==> flow/design.v <==
module ex_cmp #(
   parameter int XLEN = 48
) (
   input logic clk,
   input logic [XLEN-1:0] first,
   input logic [XLEN-1:0] second,
   input logic [XLEN-1:0] third,
   output logic [XLEN-1:0] dout
);
   logic [XLEN-1:0] first_r;
   always_ff @(posedge clk)
      first_r <= first;
   logic [XLEN-1:0] second_r;
   always_ff @(posedge clk)
      second_r <= second;
   logic [XLEN-1:0] third_r;
   always_ff @(posedge clk)
      third_r <= third;
   assign dout = (first_r < second_r) ? second_r : (first_r > third_r) ? third_r : first_r;
endmodule
Tool chain data of ex_cmp
The steps from the RTL of ex_cmp to its reports follow in flow order.
Lines are those of the file above, counted from 1.
Cell names lack the library's common part.
A cell with -- has no value.
Inputs
  design top: ex_cmp
  clock: clk
  library: sky130hd
  corner: tt_025C_1v80

After elaboration
Yosys after proc, flatten, opt, wreduce and memory -nomap, before mapping. Enables and synchronous resets that opt folds into registers are not counted as muxes. Memory bits, and registers merged into a memory's read port (data or address), are not among the register bits. Print and check cells are not counted. Equal cells are merged and count once.
Storage and ports
  register bits after elaboration: 144
  input port bits: 145
  elaborated cells: 7
Operators by class
  muxes and demuxes: 2
  order comparisons: 2
Operators by type and width (count)
  48-bit two-way mux: 2
  48-bit greater-than comparator: 1
  48-bit < comparator: 1

Logic depth
Longest topological path by Yosys (ltp), each cell counted once; first at word level (registers and memories cut), then after technology mapping (sequential cells cut; the memories' decode and read muxes count).
Logic depth
  depth in word-level cells: 3
  ABC_AREA: 0
  gate-level depth with buffers: 11

Synthesis result
Source: synth_stat.txt of the flow (Yosys; design flattened, memories mapped). It holds for the ABC_AREA given above (unset counts as 0); a run with the other value may have another netlist.
Cell types
  dfxtp_1: count 144, total area 2.88E+03 µm²
  ha_1: count 95, total area 1188.64 µm²
  inv_1: count 100, total area 375.36 µm²
  nand3_1: count 61, total area 305.293 µm²
  a31oi_1: count 48, total area 300.288 µm²
  o21ai_0: count 56, total area 280.269 µm²
  nor3_1: count 51, total area 255.245 µm²
  a21oi_1: count 38, total area 190.182 µm²
  nand2_1: count 24, total area 90.086 µm²
  nand4_1: count 13, total area 81.328 µm²
  buf_2: count 12, total area 60.058 µm²
  clkbuf_1: count 15, total area 56.304 µm²
  and4_1: count 3, total area 26.275 µm²
  nor2_1: count 7, total area 26.275 µm²
  nor4_1: count 4, total area 25.024 µm²
  o21ai_1: count 5, total area 25.024 µm²
  a211oi_1: count 3, total area 22.522 µm²
  a21o_1: count 3, total area 22.522 µm²
Not listed: further types 25, cells in them 34.
Synthesis totals
  flip-flops: 144
  sequential part of the area: 2882.8 µm²
  standard cells after synthesis: 716
  buffer cells: 35
  cell area after synthesis: 6520.0 µm²

Timing after synthesis
OpenSTA on the mapped netlist: ideal clock, no wires. The path of least setup slack (recovery checks aside). Input and output delay are each 20% of the period. Register names are those of the netlist, which keeps one name where synthesis merged equal registers.
Path post-synthesis
  kind: flip-flop to output port
  from: register second_r[11]
  to: output port dout[27]
  path delay: 2.307 ns
  stages on the path: 12
  external output delay: 0.720 ns
  period: 3.6 ns
  path buffers: 2
  required time: 2.880 ns
  data arrival time: 2.307 ns
  path slack: 0.573 ns
  synthesis period reached: 3.027 ns
"path delay" = arrival - input delay + setup time.
At an output port there is no setup time.
"stages on the path": output pins that drive a net of the path, with the launching flip-flop's if there is one; two outputs of one cell count as two.
"synthesis period reached" = period - worst setup slack (recovery checks aside). The figure is calculated, with input and output delays left at 20% of the set period.
Between the ends stands the longest chain of elaborated cells between them, by number of cells; it is not shown to be the way that was timed. Of several equally long chains one is given.
A line is the first line of the expression or statement that the cell stems from. Yosys adds cells for indexed reads and writes and turns some case tables into memories.
On the way, post-synthesis
  cells stage by stage: dfxtp_1 inv_1 ha_1 a41oi_2 o21ai_1 a221o_1 o31ai_1 a21oi_1 or2_1 buf_4 buf_6 a31oi_1
  cells in the longest elaborated chain: 2
Ends and longest elaborated chain, post-synthesis
  from (decl): RTL line 13  | logic [XLEN-1:0] second_r;
  from (assign): RTL line 15  | second_r <= second;
  48-bit < comparator: RTL line 19  | assign dout = (first_r < second_r) ? second_r : (first_r > third_r) ? third_r : first_r;
  48-bit two-way mux: RTL line 19
  to (decl): RTL line 8  | output logic [XLEN-1:0] dout

Timing after layout
From the final timing report of entry A: the path of least setup slack in the routed layout; clock arrival at registers is part of the times.
Path post-layout
  kind: flip-flop to output port
  from: register third_r[44]
  to: output port dout[16]
  path buffers: 4
  required time: 2.88 ns
  data arrival time: 3.12 ns
  stages on the path: 14
  period: 3.6 ns
  path slack: -0.24 ns
  external output delay: 0.72 ns
Between the ends stands the longest chain of elaborated cells between them, by number of cells; it is not shown to be the way that was timed. Of several equally long chains one is given.
On the way, post-layout
  cells stage by stage: dfxtp_2 inv_2 ha_4 nand4_1 nor3_2 a221oi_2 nand2_1 buf_4 a2111o_2 buf_6 clkbuf_16 nand3_1 a31oi_2 buf_2
  cells in the longest elaborated chain: 3
Ends and longest elaborated chain, post-layout
  from (decl): RTL line 16  | logic [XLEN-1:0] third_r;
  from (assign): RTL line 18  | third_r <= third;
  48-bit greater-than comparator: RTL line 19  | assign dout = (first_r < second_r) ? second_r : (first_r > third_r) ? third_r : first_r;
  48-bit two-way mux x2: RTL line 19
  to (decl): RTL line 8  | output logic [XLEN-1:0] dout

Ticket comment

Module ex_cmp, platform sky130hd: 3 stored runs of the flow (Yosys, OpenROAD) with differing settings, in no particular order. Input and output delays are each 20% of the period that was set; the output load is 0.01 pF.
"finish__power__total" is the tool's figure for a default switching activity; nothing was simulated.

settings of entry A
{
  "period_ns": 3.6,
  "CAP_MARGIN": 20,
  "CORE_MARGIN": 2,
  "CORE_UTILIZATION": 40,
  "SLEW_MARGIN": 20
}
report of entry A
yosys chip area after synthesis (um^2): 6520.0
finish__design__die__area: 17337.0
finish__design__instance__area__stdcell: 10745.3
finish__design__instance__utilization: 0.6764
finish__timing__setup__ws: -0.239
finish__timing__setup__tns: -8.042
finish__timing__hold__ws: 0.736
finish__power__total: 4.774e-03

settings of entry B
{
  "period_ns": 3.87,
  "CORE_UTILIZATION": 41,
  "SETUP_SLACK_MARGIN": -0.05,
  "PLACE_DENSITY": 0.61,
  "CORE_ASPECT_RATIO": 1.07,
  "ABC_AREA": 1,
  "GPL_TIMING_DRIVEN": 0,
  "GPL_ROUTABILITY_DRIVEN": 0,
  "CAP_MARGIN": 30,
  "MAX_ROUTING_LAYER": "met5",
  "CORE_MARGIN": 2,
  "SLEW_MARGIN": 20
}
report of entry B
yosys chip area after synthesis (um^2): 6751.5
finish__design__die__area: 17510.2
finish__design__instance__area__stdcell: 9760.6
finish__design__instance__utilization: 0.6042
finish__timing__setup__ws: 0.151
finish__timing__setup__tns: 0.000
finish__timing__hold__ws: 0.792
finish__power__total: 4.041e-03

settings of entry C
{
  "period_ns": 5.46,
  "CORE_UTILIZATION": 18,
  "PLACE_DENSITY_LB_ADDON": 0.04,
  "CORE_ASPECT_RATIO": 1.21,
  "TNS_END_PERCENT": 55,
  "CTS_CLUSTER_SIZE": 55,
  "CAP_MARGIN": 20,
  "MAX_ROUTING_LAYER": "met5",
  "CORE_MARGIN": 2,
  "SLEW_MARGIN": 20
}
report of entry C
yosys chip area after synthesis (um^2): 6520.0
finish__design__die__area: 37768.1
finish__design__instance__area__stdcell: 9566.7
finish__design__instance__utilization: 0.2683
finish__timing__setup__ws: 0.335
finish__timing__setup__tns: 0.000
finish__timing__hold__ws: 1.096
finish__power__total: 3.001e-03
